==> flow/design.v <==
module core_addsub_n #(
  parameter BITS = 64
) (
  input logic clock,
  input logic aresetn,
  input logic valid,
  input logic [BITS-1:0] src1,
  input logic [BITS-1:0] src2,
  output logic [BITS-1:0] q
);
  logic [BITS-1:0] r_src1;
  logic [BITS-1:0] r_src2;
  logic [BITS:0] r_t;
  always_ff @(posedge clock or negedge aresetn) begin
    if (~aresetn) begin
      r_src1 <= 0;
      r_src2 <= 0;
      r_t <= 0;
      q <= 0;
    end else if (valid) begin
      r_src1 <= src1;
      r_src2 <= src2;
      r_t <= r_src1 - r_src2;
      q <= r_t[BITS] ? {BITS{1'b0}} : r_t[BITS-1:0];
    end
  end
endmodule
### Reports on core_addsub_n

Tool output for the design above, in the order of the flow.
Lines are those of the file above, counted from 1.
Library cell names are shortened.
The mark -- stands for no value.

| set-up | value |
|---|---|
| design top | core_addsub_n |
| clock input | clock |
| cell library | sky130hd |
| timing corner | tt_025C_1v80 |

### After elaboration

Yosys after proc, flatten, opt, wreduce and memory -nomap, before mapping. Enables and synchronous resets that opt folds into registers are not counted as muxes. Memory bits, and registers merged into a memory's read port (data or address), are not among the register bits. Print and check cells are not counted. Equal cells are merged and count once.

| storage and ports | value |
|---|---|
| output and inout bits | 64 |
| word-level cells | 6 |
| bits of input ports | 131 |
| flip-flop bits (word level) | 257 |

| operators by class | value |
|---|---|
| add/sub/neg operators | 1 |
| mux-type cells | 1 |

Operators by type and width:

| cell | count |
|---|---|
| 64-bit by 64-bit subtractor with 65-bit output | 1 |
| 64-bit 2-to-1 mux | 1 |

### Logic depth

Yosys ltp: most cells in a row. Word level: on the elaborated netlist, between registers, memories and ports. Mapped: between sequential cells and ports; inverters and the memories' decode and read muxes count.

| depth | value |
|---|---|
| depth after elaboration | 1 |
| ABC_AREA | 0 |
| depth in mapped cells | 12 |

### Mapped cells and area

The flow's flattened synthesis, as Yosys stat reports it; memories are mapped. The netlist is that of the ABC_AREA named above (0 if unset); the other value can give another one.
Totals and module areas in this step are rounded.

| mapped netlist | value |
|---|---|
| cell count | 1385 |
| buffers | 72 |
| chip area (Yosys) | 14000 µm² |
| sequential part of the area | 6400 µm² |
| mapped flip-flops | 257 |

Cells by type:

| cell | count | area in all (µm²) |
|---|---|---|
| dfrtp_1 | 257 | 6.43E+03 |
| mux2_2 | 118 | 1.33E+03 |
| o21ai_0 | 170 | 850.816 |
| ha_1 | 64 | 800.768 |
| inv_1 | 145 | 544.272 |
| nand3b_1 | 63 | 472.954 |
| nand2_1 | 122 | 457.939 |
| a21oi_1 | 78 | 390.374 |
| xnor2_1 | 35 | 306.544 |
| clkbuf_1 | 65 | 243.984 |
| a21o_1 | 31 | 232.723 |
| xor2_1 | 25 | 218.96 |
| nor2_1 | 39 | 146.39 |
| nand4_1 | 20 | 125.12 |
| o21bai_1 | 14 | 105.101 |
| o21a_1 | 12 | 90.086 |
| a31oi_1 | 12 | 75.072 |
| nand3_1 | 12 | 60.058 |

Not listed: further types 40, cells in them 103.

### Timing after synthesis

Path of least setup slack by OpenSTA after synthesis, without wires, with an ideal clock, recovery checks aside; 20% of the period is set as input and as output delay. Where synthesis merged equal registers, the netlist keeps one of their names.

| timing post-synthesis | value |
|---|---|
| path kind | reg-to-reg |
| start point | register r_src2[0] |
| end point | register r_t[58] |
| buffers on the path | 0 |
| clock period | 3.77 ns |
| path delay | 3.016 ns |
| path slack | 0.754 ns |
| arrival | 2.934 ns |
| driving pins on the path | 12 |
| synthesis period reached | 3.016 ns |

"path delay" = arrival - input delay + setup time.
"driving pins on the path" counts driving pins, that of a launching flip-flop among them; a cell with two outputs on the path counts twice.
"synthesis period reached" is the clock period less the worst setup slack; recovery checks do not enter. This is arithmetic on one report: input and output delays are still those of the set period (20% each).
The rows between start and end are the longest chain of elaborated cells between them; the timing report does not say that the signal goes this way. Where chains are equally long, one stands for them.
Each line given opens the expression or statement behind the cell; cells for indexed reads and writes are added by Yosys, which also makes memories of some case tables.

| between the ends, post-synthesis | value |
|---|---|
| cell sequence | dfrtp_1 ha_1 fa_1 and2b_1 o2111ai_1 a21oi_2 a211oi_1 o41a_1 o21ba_2 o21ba_1 or3_1 a31oi_1 |
| cells in the longest elaborated chain | 1 |
| elaborated cells between the ends (all ways) | 1 |
| source lines of those cells | 1 |

RTL lines, path post-synthesis:

| element | RTL line | text |
|---|---|---|
| from (decl) | 12 | `logic [BITS-1:0] r_src2;` |
| from (assign) | 17 | `r_src2 <= 0;` |
| from (assign) | 22 | `r_src2 <= src2;` |
| 64-bit by 64-bit subtractor with 65-bit output | 23 | `r_t <= r_src1 - r_src2;` |
| to (assign) | 18 | `r_t <= 0;` |
| to (assign) | 23 |  |
| to (decl) | 13 | `logic [BITS:0] r_t;` |

### Timing after layout

Path of least setup slack in the final report of record 1 (OpenROAD, finished layout, wires in). Where an end is a register, its clock arrival counts in the times.

| timing after layout | value |
|---|---|
| path kind | reg-to-reg |
| start point | register r_src2[0] |
| end point | register r_t[58] |
| buffers on the path | 0 |
| driving pins on the path | 12 |
| path slack | 0.46 ns |
| arrival | 3.76 ns |
| clock period | 3.77 ns |

The rows between start and end are the longest chain of elaborated cells between them; the timing report does not say that the signal goes this way. Where chains are equally long, one stands for them.

| between the ends, after layout | value |
|---|---|
| cell sequence | dfrtp_1 ha_1 fa_1 and2b_1 o2111ai_1 a21oi_2 a211oi_1 o41a_1 o21ba_2 o21ba_1 or3_1 a31oi_1 |
| cells in the longest elaborated chain | 1 |
| elaborated cells between the ends (all ways) | 1 |
| source lines of those cells | 1 |

RTL lines, path after layout:

| element | RTL line | text |
|---|---|---|
| from (decl) | 12 | `logic [BITS-1:0] r_src2;` |
| from (assign) | 17 | `r_src2 <= 0;` |
| from (assign) | 22 | `r_src2 <= src2;` |
| 64-bit by 64-bit subtractor with 65-bit output | 23 | `r_t <= r_src1 - r_src2;` |
| to (assign) | 18 | `r_t <= 0;` |
| to (assign) | 23 |  |
| to (decl) | 13 | `logic [BITS:0] r_t;` |

Ticket comment

Settings and measured results of 3 stored flow runs for module core_addsub_n (sky130hd), not sorted in any way. The constraints put input and output delay at 20% of the set period each and load the outputs with 0.01 pF.
"reached clock period" = clock period - worst setup slack. The figure is calculated, with input and output delays left at 20% of the set period.
By "time of the worst setup path" is meant the share of the clock period that the worst setup path is allowed (20% is reserved at inputs, 20% at outputs), minus its slack. Clock arrival times at its registers enter into it.
By "total power after layout" is meant OpenSTA's value without simulated activity: inputs other than the clock are taken to toggle once in ten clock periods, and the tool carries that through the logic.
Values from the reports are rounded here.
Settings: -- = not set for that run.
Among the results, -- means that no value is shown for the run.

| stored run | period_ns | CAP_MARGIN | CORE_MARGIN | CORE_UTILIZATION | SLEW_MARGIN | SETUP_SLACK_MARGIN | PLACE_DENSITY_LB_ADDON | CORE_ASPECT_RATIO | CELL_PAD_IN_SITES_GLOBAL_PLACEMENT | CELL_PAD_IN_SITES_DETAIL_PLACEMENT | CTS_CLUSTER_SIZE | CTS_CLUSTER_DIAMETER | MIN_ROUTING_LAYER | MAX_ROUTING_LAYER | reached clock period (ns) | final design utilization | time of the worst setup path (ns) | worst setup path kind | worst setup slack after layout (ns) | area of the die (µm²) | standard-cell area after layout (µm²) | cell area after synthesis (µm²) | total power after layout (mW) | final setup TNS (ns) |
|---|---|---|---|---|---|---|---|---|---|---|---|---|---|---|---|---|---|---|---|---|---|---|---|---|
| record 1 | 3.77 | 20 | 2 | 40 | 20 | -- | -- | -- | -- | -- | -- | -- | -- | -- | 3.311 | 0.51 | 3.31 | reg-to-reg | 0.46 | 36000 | 17000 | 14000 | 9.5 | 0.000 |
| record 2 | 2.92 | 30 | 10 | 54 | 15 | 0.65 | 0.29 | 1.99 | 2 | 0 | 46 | 296 | met2 | -- | -- | -- | -- | -- | -- | -- | -- | -- | -- | -- |
| record 3 | 5.6 | 10 | 2 | 19 | 20 | 0.89 | -- | -- | -- | -- | -- | -- | -- | met4 | 3.703 | 0.25 | 3.70 | reg-to-reg | 1.9 | 74000 | 18000 | 14000 | 6.5 | 0.000 |

Record 2: no results, placement failed with FLW-0024
